==> flow/design.v <==
module cmp_unit_p #(
   parameter W = 72
) (
   input wire clk,
   input wire adv,
   input wire [W-1:0] a,
   input wire [W-1:0] b,
   output reg a_gt_b,
   output reg lt
);
   reg [W-1:0] a_d1;
   reg [W-1:0] b_d1;
   always @(posedge clk) begin
      if (adv) begin
         a_d1 <= a;
         b_d1 <= b;
      end
   end
   reg g;
   reg l;
   integer k;
   always @(*) begin
      g = 1'b0;
      l = 1'b0;
      for (k = W-1; k >= 0; k = k - 1) begin
         if (!g && !l) begin
            g = a_d1[k] & ~b_d1[k];
            l = ~a_d1[k] & b_d1[k];
         end
      end
   end
   always @(posedge clk) begin
      if (adv) begin
         a_gt_b <= g;
         lt <= l;
      end
   end
endmodule
Step by step through the tools: cmp_unit_p

The steps from the RTL of cmp_unit_p to its reports follow in flow order.
Lines are those of the file above, counted from 1.
Operators carry their Yosys type and port widths (W data, S select, Z words).
Library cell names are shortened.
The mark - stands for no value.

Top: cmp_unit_p
Clock port: clk
Standard-cell library: sky130hd
Library corner: tt_025C_1v80

Word level

Source: Yosys, flattened and elaborated, memories not mapped. Widths are those after wreduce; folded enables and synchronous resets count as part of the registers. Registers that Yosys merges into a memory's read port (data or address) are not register bits. Print and check cells do not count. Equal cells are merged and count once.

Register bits: 146
Latch bits: 0
Bits in writable memories: 0
ROM bits: 0
Clocked read ports x word width: 0
Memories kept: 0
Output and inout bits: 2

$add $sub $neg: 0
$mul: 0
Div/mod/pow operators: 0
Order comparisons: 0
Equality and inequality tests: 0
Shift operators: 0
Mux-type cells: 142
Bitwise logic cells: 288
Reductions and logical operators: 213

Operators by type and width:

| operator            | number |
| $and A1 B1 Y1       | 144 |
| $not A1 Y1          | 144 |
| $logic_not A1 Y1    | 142 |
| $mux W1             | 142 |
| $logic_and A1 B1 Y1 | 71 |

Logic depth

Yosys ltp: most cells in a row. Word level: on the elaborated netlist, between registers, memories and ports. Mapped: between sequential cells and ports; inverters and the memories' decode and read muxes count.

Word-level depth: 215
ABC_AREA: 0
Depth in mapped cells: 9

Synthesis result

Yosys stat after the flow's synthesis: flattened, memories mapped to cells. It holds for the ABC_AREA given above (unset counts as 0); a run with the other value may have another netlist.
The area totals of this step are shown rounded.

Cells by type:

| cell type | number |
| edfxtp_1  | 146 |
| maj3_1    | 60 |
| nand2b_1  | 30 |
| nor2b_1   | 28 |
| inv_1     | 41 |
| maj3_2    | 8 |
| o21ai_0   | 14 |
| a21oi_1   | 12 |
| o21ai_1   | 7 |
| nor2_1    | 8 |
| o211ai_1  | 4 |
| and2b_2   | 3 |
| or2b_2    | 3 |
| ha_1      | 2 |
| o31ai_1   | 3 |
| a31oi_1   | 3 |
| a2111oi_0 | 2 |
| a211o_1   | 2 |

Other cell types: 26; their cells: 40.

Standard cells after synthesis: 416
Mapped area: 6300 µm²
Flip-flop cells: 146
Buffers: 0

Timing after synthesis

OpenSTA on the mapped netlist: ideal clock, no wires. The path of least setup slack (recovery checks aside). Input and output delay are each 20% of the period. Register names are those of the netlist, which keeps one name where synthesis merged equal registers.

Kind: reg-to-reg
Start: register a_d1[50]
End: register a_gt_b
Period: 3190 ps
Setup time: 273 ps
Time at the first pin: 0 ps
Arrival time: 2275 ps
Data required time: 2917 ps
Setup slack: 642 ps
Path delay: 2548 ps
Driving pins on the path: 9
Path buffers: 0
Synthesis period reached: 2548 ps

"path delay" = arrival - input delay + setup time.
"driving pins on the path" counts driving pins, that of a launching flip-flop among them; a cell with two outputs on the path counts twice.
"synthesis period reached" = period - worst setup slack (recovery checks aside). The figure is calculated, with input and output delays left at 20% of the set period.
Between the ends stands the longest chain of elaborated cells between them, by number of cells; it is not shown to be the way that was timed. Of several equally long chains one is given.
A line is the first line of the expression or statement that the cell stems from. Yosys adds cells for indexed reads and writes and turns some case tables into memories.

Path through: edfxtp_1 > nor2b_1 > maj3_2 > maj3_2 > maj3_2 > a211o_1 > a31o_1 > o32ai_2 > o221ai_1
Length of the longest elaborated chain: 153
Elaborated cells on any way between the ends: 254

RTL lines, path after synthesis:

| element             | RTL line | RTL |
| start: declaration  | 11       | `reg [W-1:0] a_d1;` |
| start: assignment   | 15       | `a_d1 <= a;` |
| $not A1 Y1          | 28       | `l = ~a_d1[k] & b_d1[k];` |
| $and A1 B1 Y1       | 28       |  |
| $mux W1             | 26       | `if (!g && !l) begin` |
| $logic_not A1 Y1    | 26       |  |
| $logic_and A1 B1 Y1 | 26       |  |
| $mux W1             | 26       |  |
| $logic_not A1 Y1    | 26       |  |
| (+139 left out)     | -        |  |
| $mux W1             | 26       |  |
| $logic_not A1 Y1    | 26       |  |
| $logic_and A1 B1 Y1 | 26       |  |
| $mux W1             | 26       |  |
| $logic_not A1 Y1    | 26       |  |
| $logic_and A1 B1 Y1 | 26       |  |
| $mux W1             | 26       |  |
| end: assignment     | 34       | `a_gt_b <= g;` |
| end: declaration    | 8        | `output reg a_gt_b,` |

Worst path after layout

Path of least setup slack in the final report of stored run 1 (OpenROAD, finished layout, wires in). Where an end is a register, its clock arrival counts in the times.
The report prints the path's times to 10 ps; the period is as set.

Kind: reg-to-reg
Start: register b_d1[42]
End: register lt
Period: 2320 ps
Setup time: 250 ps
Time at the first pin: 420 ps
Arrival time: 2870 ps
Data required time: 2490 ps
Setup slack: -380 ps
Driving pins on the path: 9
Path buffers: 0

Between the ends stands the longest chain of elaborated cells between them, by number of cells; it is not shown to be the way that was timed. Of several equally long chains one is given.

Path through: edfxtp_1 > nand2b_1 > maj3_1 > maj3_1 > o21ai_0 > a211o_1 > a31o_1 > a21oi_1 > a221o_1
Length of the longest elaborated chain: 129
Elaborated cells on any way between the ends: 214

RTL lines, path post-layout:

| element             | RTL line | RTL |
| start: declaration  | 12       | `reg [W-1:0] b_d1;` |
| start: assignment   | 16       | `b_d1 <= b;` |
| $not A1 Y1          | 27       | `g = a_d1[k] & ~b_d1[k];` |
| $and A1 B1 Y1       | 27       |  |
| $mux W1             | 26       | `if (!g && !l) begin` |
| $logic_not A1 Y1    | 26       |  |
| $logic_and A1 B1 Y1 | 26       |  |
| $mux W1             | 26       |  |
| $logic_not A1 Y1    | 26       |  |
| (+115 left out)     | -        |  |
| $mux W1             | 26       |  |
| $logic_not A1 Y1    | 26       |  |
| $logic_and A1 B1 Y1 | 26       |  |
| $mux W1             | 26       |  |
| $logic_not A1 Y1    | 26       |  |
| $logic_and A1 B1 Y1 | 26       |  |
| $mux W1             | 26       |  |
| end: assignment     | 35       | `lt <= l;` |
| end: declaration    | 9        | `output reg lt` |

Wiki page: cmp_unit_p / flow data

3 stored runs of cmp_unit_p in the flow (synthesis by Yosys, layout by OpenROAD, sky130hd cells), in arbitrary order. Constraints: input delay and output delay 20% of the set period each, output load 0.01 pF.
"clock period achieved": clock period set for the run, less the worst setup slack. It is reckoned from that one timing run; input and output delays stay at 20% of the period that was set.
"worst path time" is the time allowed to the run's worst setup path (the clock period less input and output delay, where it has them) less its slack. Clock arrival times count: a late capture clock shortens it, a late launch clock lengthens it.
"overall power" rests on the timing tool's default activity at the inputs, not on a simulated workload.
"worst path time" is given in steps of 10 ps.
Values from the reports are rounded here.

## Stored run 1

==> flow/run.sh <==
#!/bin/bash
# the make line also repeats the synthesis and layout settings of config.mk as NAME=value (left out here)
make -C /OpenROAD-flow-scripts/flow DESIGN_CONFIG=/design/flow/config.mk WORK_HOME=/design/flow/orfs CLKGATE_MAP_FILE= finish
==> flow/config.mk <==
export PLATFORM = sky130hd
export DESIGN_NAME = cmp_unit_p
export DESIGN_NICKNAME = cmp_unit_p
export VERILOG_FILES = /design/flow/design.v
export SDC_FILE = /design/flow/constraint.sdc
export NUM_CORES = 4
export LEC_CHECK = 0
export ABC_AREA = 0
export CAP_MARGIN = 30
export CELL_PAD_IN_SITES_DETAIL_PLACEMENT = 2
export CORE_ASPECT_RATIO = 0.83
export CORE_MARGIN = 2
export CORE_UTILIZATION = 37
export CTS_CLUSTER_SIZE = 23
export PLACE_DENSITY = 0.51
export SETUP_SLACK_MARGIN = 0.35
export SLEW_MARGIN = 10
==> flow/constraint.sdc <==
create_clock -name core_clock -period 2.32 [get_ports {clk}]
set_input_delay 0.4640 -clock core_clock [delete_from_list [all_inputs] [get_ports {clk}]]
set_output_delay 0.4640 -clock core_clock [all_outputs]
set_load 0.01 [all_outputs]

| result of stored run 1 | value |
|---|---|
| cell area after synthesis | 6300 µm² |
| die area | 18000 µm² |
| standard-cell area of the final layout | 9100 µm² |
| utilization after layout | 55 % |
| worst setup slack after layout | -380 ps |
| total negative slack | -700 ps |
| worst-case hold slack | 440 ps |
| overall power | 7300 µW |
| clock period achieved | 2702 ps |
| worst path time | 2700 ps |
| critical path kind | reg-to-reg |

## Stored run 2

==> flow/run.sh <==
#!/bin/bash
# the make line also repeats the synthesis and layout settings of config.mk as NAME=value (left out here)
make -C /OpenROAD-flow-scripts/flow DESIGN_CONFIG=/design/flow/config.mk WORK_HOME=/design/flow/orfs CLKGATE_MAP_FILE= finish
==> flow/config.mk <==
export PLATFORM = sky130hd
export DESIGN_NAME = cmp_unit_p
export DESIGN_NICKNAME = cmp_unit_p
export VERILOG_FILES = /design/flow/design.v
export SDC_FILE = /design/flow/constraint.sdc
export NUM_CORES = 4
export LEC_CHECK = 0
export CAP_MARGIN = 40
export CORE_ASPECT_RATIO = 0.63
export CORE_MARGIN = 5
export CORE_UTILIZATION = 22
export CTS_CLUSTER_DIAMETER = 392
export GPL_ROUTABILITY_DRIVEN = 1
export GPL_TIMING_DRIVEN = 1
export PLACE_DENSITY_LB_ADDON = 0.23
export SLEW_MARGIN = 0
export TNS_END_PERCENT = 20
==> flow/constraint.sdc <==
create_clock -name core_clock -period 3.82 [get_ports {clk}]
set_input_delay 0.7640 -clock core_clock [delete_from_list [all_inputs] [get_ports {clk}]]
set_output_delay 0.7640 -clock core_clock [all_outputs]
set_load 0.01 [all_outputs]

| result of stored run 2 | value |
|---|---|
| cell area after synthesis | 6300 µm² |
| die area | 32000 µm² |
| standard-cell area of the final layout | 8800 µm² |
| utilization after layout | 31 % |
| worst setup slack after layout | 790 ps |
| total negative slack | 0 ps |
| worst-case hold slack | 840 ps |
| overall power | 4100 µW |
| clock period achieved | 3034 ps |
| worst path time | 3030 ps |
| critical path kind | reg-to-reg |

## Stored run 3

==> flow/run.sh <==
#!/bin/bash
# the make line also repeats the synthesis and layout settings of config.mk as NAME=value (left out here)
make -C /OpenROAD-flow-scripts/flow DESIGN_CONFIG=/design/flow/config.mk WORK_HOME=/design/flow/orfs CLKGATE_MAP_FILE= finish
==> flow/config.mk <==
export PLATFORM = sky130hd
export DESIGN_NAME = cmp_unit_p
export DESIGN_NICKNAME = cmp_unit_p
export VERILOG_FILES = /design/flow/design.v
export SDC_FILE = /design/flow/constraint.sdc
export NUM_CORES = 4
export LEC_CHECK = 0
export CAP_MARGIN = 20
export CORE_MARGIN = 2
export CORE_UTILIZATION = 40
export SLEW_MARGIN = 20
==> flow/constraint.sdc <==
create_clock -name core_clock -period 3.19 [get_ports {clk}]
set_input_delay 0.6380 -clock core_clock [delete_from_list [all_inputs] [get_ports {clk}]]
set_output_delay 0.6380 -clock core_clock [all_outputs]
set_load 0.01 [all_outputs]

| result of stored run 3 | value |
|---|---|
| cell area after synthesis | 6300 µm² |
| die area | 17000 µm² |
| standard-cell area of the final layout | 8600 µm² |
| utilization after layout | 57 % |
| worst setup slack after layout | 400 ps |
| total negative slack | 0 ps |
| worst-case hold slack | 710 ps |
| overall power | 5000 µW |
| clock period achieved | 2794 ps |
| worst path time | 2790 ps |
| critical path kind | reg-to-reg |
